==> flow/design.v <==
module cpu_comparator_stage #(
  parameter integer WD = 12,
  parameter integer WAYS = 7
) (
  input wire clk,
  input wire step,
  input wire [WAYS*WD-1:0] i_bus,
  output wire [WD-1:0] o_max_o
);
  reg [WAYS*WD-1:0] bus_r;
  always @(posedge clk) begin
    if (step) begin
      bus_r <= i_bus;
    end
  end
  wire [WD-1:0] nd [1:2*WAYS-1];
  genvar k;
  generate
    for (k = 0; k < WAYS; k = k + 1) begin : slice
      assign nd[WAYS+k] = bus_r[k*WD +: WD];
    end
    for (k = 1; k < WAYS; k = k + 1) begin : g_bit
      assign nd[k] = (nd[2*k] > nd[2*k+1]) ? nd[2*k] : nd[2*k+1];
    end
  endgenerate
  reg [WD-1:0] max_o_r;
  always @(posedge clk) begin
    if (step) begin
      max_o_r <= nd[1];
    end
  end
  assign o_max_o = max_o_r;
endmodule
* From RTL to reports: cpu_comparator_stage
Tool output for the design above, in the order of the flow.
Line numbers count from 1 in the design file above.
Library cell names are shortened.
Not given: -
- Top module :: cpu_comparator_stage
- Clock :: clk
- Cell library :: sky130hd
- Corner :: tt_025C_1v80

* After elaboration
Yosys after proc, flatten, opt, wreduce and memory -nomap, before mapping. Enables and synchronous resets that opt folds into registers are not counted as muxes. Print and check cells are not counted. Equal cells are merged and count once.
- Magnitude comparators :: 6
- Muxes and demuxes :: 6
** Operator list (count)
- 12-bit > comparator :: 6
- 12-bit 2-to-1 mux :: 6
- Input bits :: 86
- Register bits after elaboration :: 96

* Logic depth
Yosys ltp: most cells in a row. Word level: on the elaborated netlist, between registers, memories and ports. Mapped: between sequential cells and ports; inverters and the memories' decode and read muxes count.
- Depth in word-level cells :: 6
- ABC_AREA :: 0
- Depth in mapped cells :: 26

* After synthesis
Yosys stat after the flow's synthesis: flattened, memories mapped to cells. It holds for the ABC_AREA given above (unset counts as 0); a run with the other value may have another netlist.
Totals and module areas in this step are rounded.
** Cells by type
- edfxtp_1 :: count 96, area in all 2.88E+03 um2
- ha_1 :: count 72, area in all 900.864 um2
- mux2i_1 :: count 38, area in all 380.365 um2
- inv_1 :: count 72, area in all 270.259 um2
- mux2i_4 :: count 7, area in all 157.651 um2
- a21oi_1 :: count 25, area in all 125.12 um2
- nand4_1 :: count 16, area in all 100.096 um2
- a22o_1 :: count 11, area in all 96.342 um2
- o22a_1 :: count 11, area in all 96.342 um2
- nand2_1 :: count 18, area in all 67.565 um2
- o21ai_0 :: count 13, area in all 65.062 um2
- nand3_1 :: count 11, area in all 55.053 um2
- mux2i_2 :: count 3, area in all 41.29 um2
- o211ai_1 :: count 5, area in all 37.536 um2
- nor2b_1 :: count 5, area in all 31.28 um2
- a21o_1 :: count 4, area in all 30.029 um2
- a2111oi_0 :: count 3, area in all 26.275 um2
- clkbuf_1 :: count 6, area in all 22.522 um2
Other cell types: 17; their cells: 30.
- Buffer cells :: 10
- Mapped flip-flops :: 96
- Chip area (Yosys) :: 5610 um2
- Mapped cells :: 446

* Timing after synthesis
Source: OpenSTA report_checks on the synthesized netlist (no wires, ideal clock, input and output delay 20% of the period each), path of least setup slack; recovery checks are left aside. Register names are those of the netlist, which keeps one name where synthesis merged equal registers.
- Path kind :: register -> register
- Start :: reg bus_r[17]
- End :: reg max_o_r[10]
- Library setup time :: 256 ps
- Arrival :: 5519 ps
- Slack :: 1444 ps
- Clock period :: 7220 ps
- Stages on the path :: 25
- Required time :: 6964 ps
- Delay of the path :: 5775 ps
- Time at the first pin :: 0 ps
- Synthesis period reached :: 5776 ps
"delay of the path" = arrival - input delay + setup time.
"stages on the path": output pins that drive a net of the path, with the launching flip-flop's if there is one; two outputs of one cell count as two.
"synthesis period reached" is the clock period less the worst setup slack; recovery checks do not enter. This is arithmetic on one report: input and output delays are still those of the set period (20% each).
The rows between start and end are the longest chain of elaborated cells between them; the timing report does not say that the signal goes this way. Where chains are equally long, one stands for them.
A line is the first line of the expression or statement that the cell stems from. Yosys adds cells for indexed reads and writes and turns some case tables into memories.
- Cells stage by stage :: edfxtp_1 > ha_1 > a21o_1 > a221o_1 > a221o_1 > o22ai_2 > buf_6 > mux2i_1 > inv_1 > ha_1 > a21o_1 > nand3_1 > a21oi_1 > a2111oi_0 > nor2_1 > buf_8 > mux2i_2 > ha_1 > nor2b_1 > o211ai_1 > a211oi_1 > a2111oi_0 > nor2_1 > clkbuf_1 > a22o_1
- Cells in the longest elaborated chain :: 6
** Ends and longest elaborated chain, after synthesis
- start, declared :: line 10 : reg [WAYS*WD-1:0] bus_r;
- start, assigned :: line 13 : bus_r <= i_bus;
- 12-bit > comparator :: line 23 : assign nd[k] = (nd[2*k] > nd[2*k+1]) ? nd[2*k] : nd[2*k+1];
- 12-bit 2-to-1 mux :: line 23
- 12-bit > comparator :: line 23
- 12-bit 2-to-1 mux :: line 23
- 12-bit > comparator :: line 23
- 12-bit 2-to-1 mux :: line 23
- end, assigned :: line 29 : max_o_r <= nd[1];
- end, declared :: line 26 : reg [WD-1:0] max_o_r;

* Worst path after layout
Path of least setup slack in the final report of flow run A (OpenROAD, finished layout, wires in). Where an end is a register, its clock arrival counts in the times.
The path's times are printed in steps of 10 ps; the period is the one set.
- Path kind :: register -> register
- Start :: reg bus_r[29]
- End :: reg max_o_r[6]
- Clock period :: 4870 ps
- Time at the first pin :: 340 ps
- Library setup time :: 240 ps
- Slack :: -500 ps
- Required time :: 4970 ps
- Arrival :: 5470 ps
- Stages on the path :: 25
The rows between start and end are the longest chain of elaborated cells between them; the timing report does not say that the signal goes this way. Where chains are equally long, one stands for them.
- Cells stage by stage :: edfxtp_1 > inv_1 > ha_1 > a21o_1 > a221o_1 > a221o_1 > o22ai_4 > buf_8 > mux2i_4 > inv_2 > ha_4 > nand4_1 > a211oi_2 > a2111oi_4 > nor2_2 > buf_6 > mux2i_4 > ha_4 > nor2b_4 > o211ai_1 > a211oi_2 > a2111oi_4 > nor2_2 > buf_6 > a22o_1
- Cells in the longest elaborated chain :: 6
** Ends and longest elaborated chain, after layout
- start, declared :: line 10 : reg [WAYS*WD-1:0] bus_r;
- start, assigned :: line 13 : bus_r <= i_bus;
- 12-bit > comparator :: line 23 : assign nd[k] = (nd[2*k] > nd[2*k+1]) ? nd[2*k] : nd[2*k+1];
- 12-bit 2-to-1 mux :: line 23
- 12-bit > comparator :: line 23
- 12-bit 2-to-1 mux :: line 23
- 12-bit > comparator :: line 23
- 12-bit 2-to-1 mux :: line 23
- end, assigned :: line 29 : max_o_r <= nd[1];
- end, declared :: line 26 : reg [WD-1:0] max_o_r;

Top module cpu_comparator_stage; platform sky130hd; tools Yosys and OpenROAD; 3 stored runs in no particular order. Input and output delays are each 20% of the period that was set; the output load is 0.01 pF.
"clock period achieved": clock period set for the run, less the worst setup slack. It is reckoned from that one timing run; input and output delays stay at 20% of the period that was set.
"time of the worst setup path" is the time allowed to the run's worst setup path (the clock period less input and output delay, where it has them) less its slack. Clock arrival times count: a late capture clock shortens it, a late launch clock lengthens it.
"total design power" rests on the timing tool's default activity at the inputs, not on a simulated workload.
"time of the worst setup path" is given in steps of 10 ps.
The measured numbers are rounded.

** Flow run A
- Settings :: period_ns=4.87; CORE_UTILIZATION=49; PLACE_DENSITY_LB_ADDON=0.19; CORE_ASPECT_RATIO=1.27; CORE_MARGIN=10; GPL_ROUTABILITY_DRIVEN=1; CTS_CLUSTER_DIAMETER=329; CAP_MARGIN=15; MAX_ROUTING_LAYER=met5; SLEW_MARGIN=20
- Netlist area reported by Yosys :: 5610 um2
- Die area :: 16200 um2
- Standard-cell area after routing :: 8590 um2
- Utilization after routing :: 0.757
- Worst setup slack after layout :: -500 ps
- Total negative setup slack :: -5660 ps
- Worst hold slack in the final report :: 747 ps
- Total design power :: 3.49 mW
- Clock period achieved :: 5370 ps
- Time of the worst setup path :: 5370 ps
- Kind of the worst setup path :: register -> register

** Flow run B
- Settings :: period_ns=7.22; CAP_MARGIN=20; CORE_MARGIN=2; CORE_UTILIZATION=40; SLEW_MARGIN=20
- Netlist area reported by Yosys :: 5610 um2
- Die area :: 15000 um2
- Standard-cell area after routing :: 7150 um2
- Utilization after routing :: 0.519
- Worst setup slack after layout :: 793 ps
- Total negative setup slack :: 0 ps
- Worst hold slack in the final report :: 753 ps
- Total design power :: 2.01 mW
- Clock period achieved :: 6427 ps
- Time of the worst setup path :: 6430 ps
- Kind of the worst setup path :: register -> register

** Flow run C
- Settings :: period_ns=4.36; CORE_UTILIZATION=69; SETUP_SLACK_MARGIN=-0.05; CORE_MARGIN=7; CELL_PAD_IN_SITES_GLOBAL_PLACEMENT=2; TNS_END_PERCENT=25; GPL_TIMING_DRIVEN=1; GPL_ROUTABILITY_DRIVEN=0; CTS_CLUSTER_SIZE=51; CAP_MARGIN=35; SLEW_MARGIN=20
- Outcome :: stopped before the end: placement reported GPL-0301
